==> flow/design.v <==
module u_shifter_top #(
   parameter integer BITS = 48,
   parameter integer LG = $clog2(BITS)
) (
   input  core_clk,
   input  RST,
   input  signed [BITS-1:0] i_d,
   input  [LG-1:0] i_count,
   output [BITS-1:0] o_z_o
);
   reg signed [BITS-1:0] d_reg;
   reg [LG-1:0] count_reg;
   reg signed [BITS-1:0] t_reg;
   reg [1:0] count_reg_lo;
   reg [BITS-1:0] z_o_reg;
   assign o_z_o = z_o_reg;
   always @(posedge core_clk) begin
      if (RST) begin
         d_reg <= 0;
         count_reg <= 0;
         t_reg <= 0;
         count_reg_lo <= 0;
         z_o_reg <= 0;
      end else begin
         d_reg <= i_d;
         count_reg <= i_count;
         t_reg <= d_reg >>> {count_reg[LG-1:2], 2'b00};
         count_reg_lo <= count_reg[1:0];
         z_o_reg <= t_reg >>> count_reg_lo;
      end
   end
endmodule
# Tool chain data of u_shifter_top

What the tools print for u_shifter_top, step after step.
Lines are those of the file above, counted from 1.
Operators carry their Yosys type and port widths (W data, S select, Z words).
A cell with -- has no value.

Top: u_shifter_top
Clock port: core_clk
Library: sky130hd
Corner: tt_025C_1v80

# Word level

Counts by Yosys on the flattened word-level netlist (proc, flatten, opt, wreduce; memories kept). Register bits leave out memories and registers merged into their read ports (data or address); mux counts leave out enables and synchronous resets folded into registers. Print and check cells are left out. Cells with the same type and inputs are merged into one.

Input port bits: 56
Output and inout port bits: 48
Register bits: 152
Elaborated cells: 7

Shift operators: 2

Operators by type and width:

| kind             | number |
| $sshr A48 B2 Y48 | 1 |
| $sshr A48 B6 Y48 | 1 |

# Longest topological paths

Depth = most cells in a row (Yosys ltp): at word level without a register or memory, in the mapped netlist without a sequential cell, where the memories' decode and read muxes count.

Word-level depth: 1
ABC_AREA: 0
Depth in mapped cells: 7

# After synthesis

Source: synth_stat.txt of the flow (Yosys; design flattened, memories mapped). It holds for the ABC_AREA given above (unset counts as 0); a run with the other value may have another netlist.

Mapped flip-flops: 152
Cells in the netlist: 568
Chip area (Yosys): 6994.2 sq um

Cell types:

| cell type                 | number | total area (sq um) |
| sky130_fd_sc_hd__dfxtp_1  | 152    | 3.04E+03 |
| sky130_fd_sc_hd__mux4_2   | 76     | 1.71E+03 |
| sky130_fd_sc_hd__nor2b_1  | 103    | 644.368 |
| sky130_fd_sc_hd__mux4_1   | 7      | 183.926 |
| sky130_fd_sc_hd__mux2i_1  | 17     | 170.163 |
| sky130_fd_sc_hd__o22ai_1  | 19     | 118.864 |
| sky130_fd_sc_hd__a21oi_1  | 23     | 115.11 |
| sky130_fd_sc_hd__mux2_2   | 9      | 101.347 |
| sky130_fd_sc_hd__nand2_1  | 25     | 93.84 |
| sky130_fd_sc_hd__buf_2    | 17     | 85.082 |
| sky130_fd_sc_hd__clkbuf_1 | 20     | 75.072 |
| sky130_fd_sc_hd__a221oi_1 | 8      | 70.067 |
| sky130_fd_sc_hd__nor2_1   | 18     | 67.565 |
| sky130_fd_sc_hd__o21ai_0  | 13     | 65.062 |
| sky130_fd_sc_hd__a22oi_1  | 7      | 52.55 |
| sky130_fd_sc_hd__buf_4    | 7      | 52.55 |
| sky130_fd_sc_hd__nand2b_1 | 8      | 50.048 |
| sky130_fd_sc_hd__buf_6    | 4      | 45.043 |

Not listed: further types 16, cells in them 35.

# Worst setup path after synthesis

Path of least setup slack by OpenSTA after synthesis, without wires, with an ideal clock, recovery checks aside; 20% of the period is set as input and as output delay. Where synthesis merged equal registers, the netlist keeps one of their names.

Kind: flip-flop to flip-flop
Start: register count_reg[3]
End: register t_reg[24]
Stages: 7
Period: 1.9 ns
Delay of the path: 1.519 ns
Buffers on the path: 3
Time at the first pin: 0.000 ns
Library setup time: 0.128 ns
Arrival: 1.391 ns
Setup slack: 0.382 ns
Synthesis period reached: 1.518 ns

"delay of the path" is the arrival time less input delay plus setup time.
"stages" counts driving pins, that of a launching flip-flop among them; a cell with two outputs on the path counts twice.
"synthesis period reached" is the clock period less the worst setup slack; recovery checks do not enter. This is arithmetic on one report: input and output delays are still those of the set period (20% each).
Between the ends stands the longest chain of elaborated cells between them, by number of cells; it is not shown to be the way that was timed. Of several equally long chains one is given.
Each line given opens the expression or statement behind the cell; cells for indexed reads and writes are added by Yosys, which also makes memories of some case tables.

Cells stage by stage: sky130_fd_sc_hd__dfxtp_1 > sky130_fd_sc_hd__buf_6 > sky130_fd_sc_hd__buf_6 > sky130_fd_sc_hd__buf_2 > sky130_fd_sc_hd__mux4_2 > sky130_fd_sc_hd__a221oi_1 > sky130_fd_sc_hd__nor2_1
Length of the longest elaborated chain: 1

RTL lines, path after synthesis:

| item             | RTL line | text |
| start, declared  | 12       | `reg [LG-1:0] count_reg;` |
| start, assigned  | 20       | `count_reg <= 0;` |
| start, assigned  | 26       | `count_reg <= i_count;` |
| $sshr A48 B6 Y48 | 27       | `t_reg <= d_reg >>> {count_reg[LG-1:2], 2'b00};` |
| end, assigned    | 21       | `t_reg <= 0;` |
| end, assigned    | 27       |  |
| end, declared    | 13       | `reg signed [BITS-1:0] t_reg;` |

# Worst path after layout

Path of least setup slack in the final report of flow run 1 (OpenROAD, finished layout, wires in). Where an end is a register, its clock arrival counts in the times.

Kind: flip-flop to flip-flop
Start: register count_reg[3]
End: register t_reg[19]
Stages: 6
Setup slack: -0.08 ns
Buffers on the path: 2
Time at the first pin: 0.42 ns
Period: 1.49 ns
Library setup time: 0.11 ns
Arrival: 1.88 ns

Between the ends stands the longest chain of elaborated cells between them, by number of cells; it is not shown to be the way that was timed. Of several equally long chains one is given.

Cells stage by stage: sky130_fd_sc_hd__dfxtp_4 > sky130_fd_sc_hd__buf_12 > sky130_fd_sc_hd__buf_16 > sky130_fd_sc_hd__mux4_2 > sky130_fd_sc_hd__o22ai_2 > sky130_fd_sc_hd__nor2_1
Length of the longest elaborated chain: 1

RTL lines, path after layout:

| item             | RTL line | text |
| start, declared  | 12       | `reg [LG-1:0] count_reg;` |
| start, assigned  | 20       | `count_reg <= 0;` |
| start, assigned  | 26       | `count_reg <= i_count;` |
| $sshr A48 B6 Y48 | 27       | `t_reg <= d_reg >>> {count_reg[LG-1:2], 2'b00};` |
| end, assigned    | 21       | `t_reg <= 0;` |
| end, assigned    | 27       |  |
| end, declared    | 13       | `reg signed [BITS-1:0] t_reg;` |

Lab notebook: u_shifter_top

Measured data: module u_shifter_top, platform sky130hd, 3 stored runs of the flow under differing settings, order arbitrary. Input and output delays are each 20% of the period that was set; the output load is 0.01 pF.
By "critical setup path time" is meant the share of the clock period that the worst setup path is allowed (20% is reserved at inputs, 20% at outputs), minus its slack. Clock arrival times at its registers enter into it.
"total design power" is the tool's figure for a default switching activity; nothing was simulated.
A setting shown as n/a is not set for that run.

| name                                    | flow run 1             | flow run 2             | flow run 3             |
| period_ns                               | 1.49                   | 1.9                    | 1.39                   |
| CORE_UTILIZATION                        | 23                     | 40                     | 19                     |
| SETUP_SLACK_MARGIN                      | 0.32                   | n/a                    | 0.41                   |
| GPL_ROUTABILITY_DRIVEN                  | 0                      | n/a                    | n/a                    |
| CTS_CLUSTER_SIZE                        | 37                     | n/a                    | n/a                    |
| CTS_CLUSTER_DIAMETER                    | 338                    | n/a                    | 180                    |
| MAX_ROUTING_LAYER                       | met4                   | n/a                    | met4                   |
| CAP_MARGIN                              | 20                     | 20                     | 20                     |
| CORE_MARGIN                             | 2                      | 2                      | 5                      |
| SLEW_MARGIN                             | 20                     | 20                     | 20                     |
| PLACE_DENSITY_LB_ADDON                  | n/a                    | n/a                    | 0.04                   |
| CELL_PAD_IN_SITES_GLOBAL_PLACEMENT      | n/a                    | n/a                    | 2                      |
| TNS_END_PERCENT                         | n/a                    | n/a                    | 30                     |
| GPL_TIMING_DRIVEN                       | n/a                    | n/a                    | 0                      |
| MIN_ROUTING_LAYER                       | n/a                    | n/a                    | met1                   |
| standard-cell area after layout (sq um) | 10601.4                | 9046.2                 | 10281.1                |
| total design power (mW)                 | 10.493                 | 8.038                  | 11.722                 |
| critical setup path time (ns)           | 1.57                   | 1.84                   | 1.69                   |
| worst path kind                         | flip-flop to flip-flop | flip-flop to flip-flop | flip-flop to flip-flop |
| die size (sq um)                        | 31821.2                | 18558.6                | 40749.5                |
| worst hold slack after layout (ns)      | 0.352                  | 0.372                  | 0.385                  |
| post-synthesis cell area (sq um)        | 6994.2                 | 6994.2                 | 6994.2                 |
| worst slack on setup checks (ns)        | -0.083                 | 0.059                  | -0.296                 |
